==> flow/design.v <==
module cmp #(
   parameter integer WIDTH = 12
) (
   input  wire i_clk,
   input  wire rst_ni,
   input  wire [WIDTH-1:0] i_src1,
   input  wire [WIDTH-1:0] i_src2,
   output wire o_is_lt,
   output wire o_match
);
   reg [WIDTH-1:0] src1_ff;
   reg [WIDTH-1:0] src2_ff;
   reg [WIDTH:0] work_ff;
   reg is_lt_ff;
   assign o_is_lt = is_lt_ff;
   reg match_ff;
   assign o_match = match_ff;
   always @(posedge i_clk) begin
      if (!rst_ni) begin
         src1_ff <= 0;
         src2_ff <= 0;
         work_ff <= 0;
         is_lt_ff <= 1'b0;
         match_ff <= 1'b0;
      end else begin
         src1_ff <= i_src1;
         src2_ff <= i_src2;
         work_ff <= {1'b0, src1_ff} - {1'b0, src2_ff};
         is_lt_ff <= work_ff[WIDTH];
         match_ff <= ~|work_ff[WIDTH-1:0];
      end
   end
endmodule
--- tool output ---
=== Tool chain data of cmp ===
A sweep over "WIDTH": the same steps for each member of the family.
The file above is the member WIDTH = 12. Line numbers count from 1 in each member's own file.
Library cell names are shortened.
The mark n/a stands for no value.

* Design top: cmp
* Clock: i_clk
* Standard-cell library: sky130hd
* Corner: tt_025C_1v80

=== Source of the members ===
Lines of each other member's file that are new or changed against the file above; lines that a member lacks are not shown.

{| class="wikitable"
|+ New or changed lines
! WIDTH !! line !! text
|-
| 14 || 2 || <nowiki>parameter integer WIDTH = 14</nowiki>
|-
| 18 || 2 || <nowiki>parameter integer WIDTH = 18</nowiki>
|-
| 32 || 2 || <nowiki>parameter integer WIDTH = 32</nowiki>
|-
| 36 || 2 || <nowiki>parameter integer WIDTH = 36</nowiki>
|-
| 40 || 2 || <nowiki>parameter integer WIDTH = 40</nowiki>
|-
| 48 || 2 || <nowiki>parameter integer WIDTH = 48</nowiki>
|-
| 72 || 2 || <nowiki>parameter integer WIDTH = 72</nowiki>
|}

=== Word-level counts ===
Yosys after proc, flatten, opt, wreduce and memory -nomap, before mapping. Enables and synchronous resets that opt folds into registers are not counted as muxes. Memory bits, and registers merged into a memory's read port (data or address), are not among the register bits. Print and check cells are not counted. Equal cells are merged and count once.

{| class="wikitable"
|+ Bit counts
! WIDTH !! register bits after elaboration !! output and inout bits
|-
| 12 || 39 || 2
|-
| 14 || 45 || 2
|-
| 18 || 57 || 2
|-
| 32 || 99 || 2
|-
| 36 || 111 || 2
|-
| 40 || 123 || 2
|-
| 48 || 147 || 2
|-
| 72 || 219 || 2
|}

{| class="wikitable"
|+ Operators by class
! WIDTH !! $add $sub $neg !! reductions and logical operators
|-
| 12 || 1 || 2
|-
| 14 || 1 || 2
|-
| 18 || 1 || 2
|-
| 32 || 1 || 2
|-
| 36 || 1 || 2
|-
| 40 || 1 || 2
|-
| 48 || 1 || 2
|-
| 72 || 1 || 2
|}

{| class="wikitable"
|+ Operators by type and width
! WIDTH !! kind and count
|-
| 12 || subtractor 12 x 12 -> 13 bit: 1; OR reduction 12 bit: 1; zero test 1 bit: 1
|-
| 14 || subtractor 14 x 14 -> 15 bit: 1; OR reduction 14 bit: 1; zero test 1 bit: 1
|-
| 18 || subtractor 18 x 18 -> 19 bit: 1; OR reduction 18 bit: 1; zero test 1 bit: 1
|-
| 32 || subtractor 32 x 32 -> 33 bit: 1; OR reduction 32 bit: 1; zero test 1 bit: 1
|-
| 36 || subtractor 36 x 36 -> 37 bit: 1; OR reduction 36 bit: 1; zero test 1 bit: 1
|-
| 40 || subtractor 40 x 40 -> 41 bit: 1; OR reduction 40 bit: 1; zero test 1 bit: 1
|-
| 48 || subtractor 48 x 48 -> 49 bit: 1; OR reduction 48 bit: 1; zero test 1 bit: 1
|-
| 72 || subtractor 72 x 72 -> 73 bit: 1; OR reduction 72 bit: 1; zero test 1 bit: 1
|}

=== Longest topological paths ===
Depth = most cells in a row (Yosys ltp): at word level without a register or memory, in the mapped netlist without a sequential cell, where the memories' decode and read muxes count.

{| class="wikitable"
|+ Depth
! WIDTH !! depth in word-level cells !! ABC_AREA !! gate-level depth with buffers !! depth with buffers taken out
|-
| 12 || 2 || 0 || 8 || 8
|-
| 14 || 2 || 0 || 9 || 9
|-
| 18 || 2 || 0 || 10 || 10
|-
| 32 || 2 || 0 || 10 || 10
|-
| 36 || 2 || 0 || 10 || 10
|-
| 40 || 2 || 0 || 12 || 12
|-
| 48 || 2 || 0 || 12 || 12
|-
| 72 || 2 || 0 || 12 || 12
|}

=== After synthesis ===
Source: synth_stat.txt of the flow (Yosys; design flattened, memories mapped). It holds for the ABC_AREA given above (unset counts as 0); a run with the other value may have another netlist.
Totals and module areas in this step are rounded.

{| class="wikitable"
|+ Cell types
! WIDTH !! type and count
|-
| 12 || dfxtp_1: 39; and2_1: 25; ha_1: 12; inv_1: 16; nor2_1: 10; nand2_1: 9; nand2b_1: 5; mux2i_1: 3; o21a_1: 4; nor3_1: 5; o21ai_1: 5; a211oi_1: 3; o2111a_1: 2; fa_1: 1; o21ai_0: 4; a21oi_2: 2; o31a_4: 1; xor2_1: 2; [+23]
|-
| 14 || dfxtp_1: 45; and2_1: 33; ha_1: 14; a21oi_1: 13; inv_1: 17; nand2_1: 8; o21ai_0: 6; o211ai_1: 3; o21a_1: 3; fa_1: 1; mux2i_1: 2; nor3_1: 4; clkbuf_1: 5; nand2b_1: 3; nor2_1: 5; nor2b_1: 3; nor4_1: 3; and3b_1: 2; [+26]
|-
| 18 || dfxtp_1: 57; and2_1: 51; ha_1: 18; inv_1: 21; a21oi_1: 15; xnor2_1: 7; nand2_1: 12; xor2_1: 5; o21ai_0: 6; a41oi_1: 3; nor2_1: 7; nand2b_1: 4; nor4_1: 4; o21ai_1: 5; a21o_1: 3; clkbuf_1: 6; fa_1: 1; mux2i_1: 2; [+29]
|-
| 32 || dfxtp_1: 99; and2_1: 82; ha_1: 32; a21oi_1: 35; nand2_1: 37; inv_1: 36; o21ai_0: 23; nand4_1: 12; clkbuf_1: 19; nor2_1: 19; xor2_1: 8; nor2b_1: 10; xnor2_1: 7; a21o_1: 8; mux2i_1: 6; nand3_1: 10; nor3b_1: 6; o21bai_1: 6; [+76]
|-
| 36 || dfxtp_1: 111; and2_1: 75; ha_1: 36; a21oi_1: 39; inv_1: 45; nor2_1: 37; nand2_1: 33; a21o_1: 16; nand4_1: 16; o21ai_0: 20; clkbuf_1: 24; xor2_1: 10; xnor2_1: 9; nor3_1: 15; nor4_1: 10; mux2i_1: 6; nand2b_1: 9; o21a_1: 7; [+76]
|-
| 40 || dfxtp_1: 123; and2_1: 107; ha_1: 40; a21oi_1: 47; inv_1: 52; nand2_1: 35; xnor2_1: 15; nand4_1: 18; o21ai_0: 21; xor2_1: 11; nor2_1: 21; a21o_1: 10; clkbuf_1: 20; o21bai_1: 8; nor2b_1: 9; nor3_1: 11; nor4_1: 8; nand3_1: 9; [+75]
|-
| 48 || dfxtp_1: 147; and2_1: 130; ha_1: 48; inv_1: 62; a21oi_1: 46; a21o_1: 29; xnor2_1: 18; nand2_1: 38; xor2_1: 14; clkbuf_1: 31; o21ai_0: 22; nor2_1: 28; nand4_1: 16; nand2b_1: 13; nor4_1: 12; mux2i_1: 7; nand3_1: 11; nor2b_1: 8; [+89]
|-
| 72 || dfxtp_1: 219; and2_1: 150; ha_1: 72; a21oi_1: 94; nor2_1: 108; inv_1: 99; nand2_1: 79; xnor2_1: 31; nand4_1: 43; o21ai_0: 49; a21o_1: 27; xor2_1: 20; clkbuf_1: 39; nor3_1: 27; o21a_1: 18; nor4_1: 21; o21bai_1: 16; o211ai_1: 12; [+154]
|}

The mark [+n] counts cells that are not listed.

{| class="wikitable"
|+ Synthesis totals
! WIDTH !! cells in the netlist !! synthesis area (um^2) !! area of sequential cells (um^2) !! flip-flop cells
|-
| 12 || 171 || 1652 || 780.7 || 39
|-
| 14 || 196 || 1911 || 900.9 || 45
|-
| 18 || 256 || 2447 || 1141 || 57
|-
| 32 || 531 || 4728 || 1982 || 99
|-
| 36 || 594 || 5253 || 2222 || 111
|-
| 40 || 640 || 5744 || 2462 || 123
|-
| 48 || 769 || 6965 || 2943 || 147
|-
| 72 || 1278 || 10870 || 4384 || 219
|}

=== Timing after synthesis ===
OpenSTA on the mapped netlist: ideal clock, no wires. The path of least setup slack (recovery checks aside). Input and output delay are each 20% of the period. Register names are those of the netlist, which keeps one name where synthesis merged equal registers.

{| class="wikitable"
|+ Timing after synthesis
! WIDTH !! path kind !! start point !! end point !! clock period (ps) !! path slack (ps) !! stages on the path !! delay of the path (ps) !! period reached after synthesis (ps)
|-
| 12 || reg-to-reg || reg src1_ff[0] || reg work_ff[12] || 2270 || 451 || 9 || 1820 || 1819
|-
| 14 || reg-to-reg || reg src1_ff[0] || reg work_ff[12] || 2460 || 492 || 10 || 1968 || 1968
|-
| 18 || reg-to-reg || reg src1_ff[0] || reg work_ff[16] || 2640 || 526 || 11 || 2114 || 2114
|-
| 32 || reg-to-reg || reg src1_ff[0] || reg work_ff[20] || 3000 || 598 || 11 || 2402 || 2402
|-
| 36 || reg-to-reg || reg src1_ff[0] || reg work_ff[32] || 2730 || 544 || 11 || 2187 || 2186
|-
| 40 || reg-to-reg || reg src1_ff[0] || reg work_ff[40] || 3120 || 626 || 13 || 2495 || 2494
|-
| 48 || reg-to-reg || reg src1_ff[0] || reg work_ff[44] || 3680 || 736 || 13 || 2944 || 2944
|-
| 72 || reg-to-reg || reg src1_ff[0] || reg work_ff[32] || 3370 || 672 || 13 || 2698 || 2698
|}

"delay of the path" is the arrival time less input delay plus setup time.
"stages on the path": output pins that drive a net of the path, with the launching flip-flop's if there is one; two outputs of one cell count as two.
"period reached after synthesis" = period - worst setup slack (recovery checks aside). The figure is calculated, with input and output delays left at 20% of the set period.
The rows between start and end are the longest chain of elaborated cells between them; the timing report does not say that the signal goes this way. Where chains are equally long, one stands for them.
Each line given opens the expression or statement behind the cell; cells for indexed reads and writes are added by Yosys, which also makes memories of some case tables.

On the way, after synthesis, WIDTH = 12:
* Cells in the longest elaborated chain: 1

{| class="wikitable"
|+ RTL lines, path after synthesis, WIDTH = 12
! item !! line !! text
|-
| start: declaration || 11 || <nowiki>reg [WIDTH-1:0] src1_ff;</nowiki>
|-
| start: assignment || 20 || <nowiki>src1_ff <= 0;</nowiki>
|-
| start: assignment || 26 || <nowiki>src1_ff <= i_src1;</nowiki>
|-
| subtractor 12 x 12 -> 13 bit || 28 || <nowiki>work_ff <= {1'b0, src1_ff} - {1'b0, src2_ff};</nowiki>
|-
| end: assignment || 22 || <nowiki>work_ff <= 0;</nowiki>
|-
| end: assignment || 28 ||
|-
| end: declaration || 13 || <nowiki>reg [WIDTH:0] work_ff;</nowiki>
|}

On the way, after synthesis, WIDTH = 72:
* Cells in the longest elaborated chain: 1

{| class="wikitable"
|+ RTL lines, path after synthesis, WIDTH = 72
! item !! line !! text
|-
| start: declaration || 11 || <nowiki>reg [WIDTH-1:0] src1_ff;</nowiki>
|-
| start: assignment || 20 || <nowiki>src1_ff <= 0;</nowiki>
|-
| start: assignment || 26 || <nowiki>src1_ff <= i_src1;</nowiki>
|-
| subtractor 72 x 72 -> 73 bit || 28 || <nowiki>work_ff <= {1'b0, src1_ff} - {1'b0, src2_ff};</nowiki>
|-
| end: assignment || 22 || <nowiki>work_ff <= 0;</nowiki>
|-
| end: assignment || 28 ||
|-
| end: declaration || 13 || <nowiki>reg [WIDTH:0] work_ff;</nowiki>
|}

=== Path in the finished layout ===
From the final timing report of each member's run: the path of least setup slack in the routed layout; clock arrival at registers is part of the times.
The path's times are printed in steps of 10 ps; the period is the one set.

{| class="wikitable"
|+ Timing after layout
! WIDTH !! path kind !! start point !! end point !! clock period (ps) !! path slack (ps) !! stages on the path !! data arrival time (ps) !! buffers on the path
|-
| 12 || reg-to-reg || reg src1_ff[0] || reg work_ff[12] || 2270 || 310 || 9 || 2140 || 0
|-
| 14 || reg-to-reg || reg src1_ff[0] || reg work_ff[8] || 2460 || 340 || 10 || 2350 || 0
|-
| 18 || reg-to-reg || reg src1_ff[0] || reg work_ff[16] || 2640 || 350 || 11 || 2520 || 0
|-
| 32 || reg-to-reg || reg src1_ff[0] || reg work_ff[20] || 3000 || 290 || 11 || 2930 || 0
|-
| 36 || reg-to-reg || reg src2_ff[22] || reg work_ff[29] || 2730 || 220 || 10 || 2760 || 0
|-
| 40 || reg-to-reg || reg src1_ff[0] || reg work_ff[40] || 3120 || 310 || 13 || 3120 || 0
|-
| 48 || reg-to-reg || reg src1_ff[0] || reg work_ff[44] || 3680 || 370 || 13 || 3660 || 0
|-
| 72 || reg-to-reg || reg src1_ff[0] || reg work_ff[32] || 3370 || 300 || 13 || 3520 || 0
|}

=== Layout results ===
Settings and results of one run of the flow (Yosys, OpenROAD) for each member follow. The constraints put input and output delay at 20% of the set period each and load the outputs with 0.01 pF.

* CAP_MARGIN: 20
* CORE_MARGIN: 2
* CORE_UTILIZATION: 40
* SLEW_MARGIN: 20

{| class="wikitable"
|+ Settings that differ
! WIDTH !! period_ns
|-
| 12 || 2.27
|-
| 14 || 2.46
|-
| 18 || 2.64
|-
| 32 || 3.0
|-
| 36 || 2.73
|-
| 40 || 3.12
|-
| 48 || 3.68
|-
| 72 || 3.37
|}

{| class="wikitable"
|+ Results
! WIDTH !! cell area after synthesis (um^2) !! area of the die (um^2) !! post-route utilization (%) !! setup slack of the worst path (ps) !! post-route setup TNS (ps) !! post-route worst hold slack (ps)
|-
| 12 || 1652 || 4659 || 51.9 || 309 || 0 || 390
|-
| 14 || 1911 || 5345 || 51.2 || 342 || 0 || 438
|-
| 18 || 2447 || 6760 || 52.9 || 346 || 0 || 390
|-
| 32 || 4728 || 12710 || 50.7 || 286 || 0 || 441
|-
| 36 || 5253 || 14060 || 50.8 || 217 || 0 || 452
|-
| 40 || 5744 || 15340 || 52.5 || 306 || 0 || 436
|-
| 48 || 6965 || 18490 || 50.9 || 366 || 0 || 435
|-
| 72 || 10870 || 28500 || 49.7 || 304 || 0 || 464
|}

Values from the reports are rounded here.
--- end ---
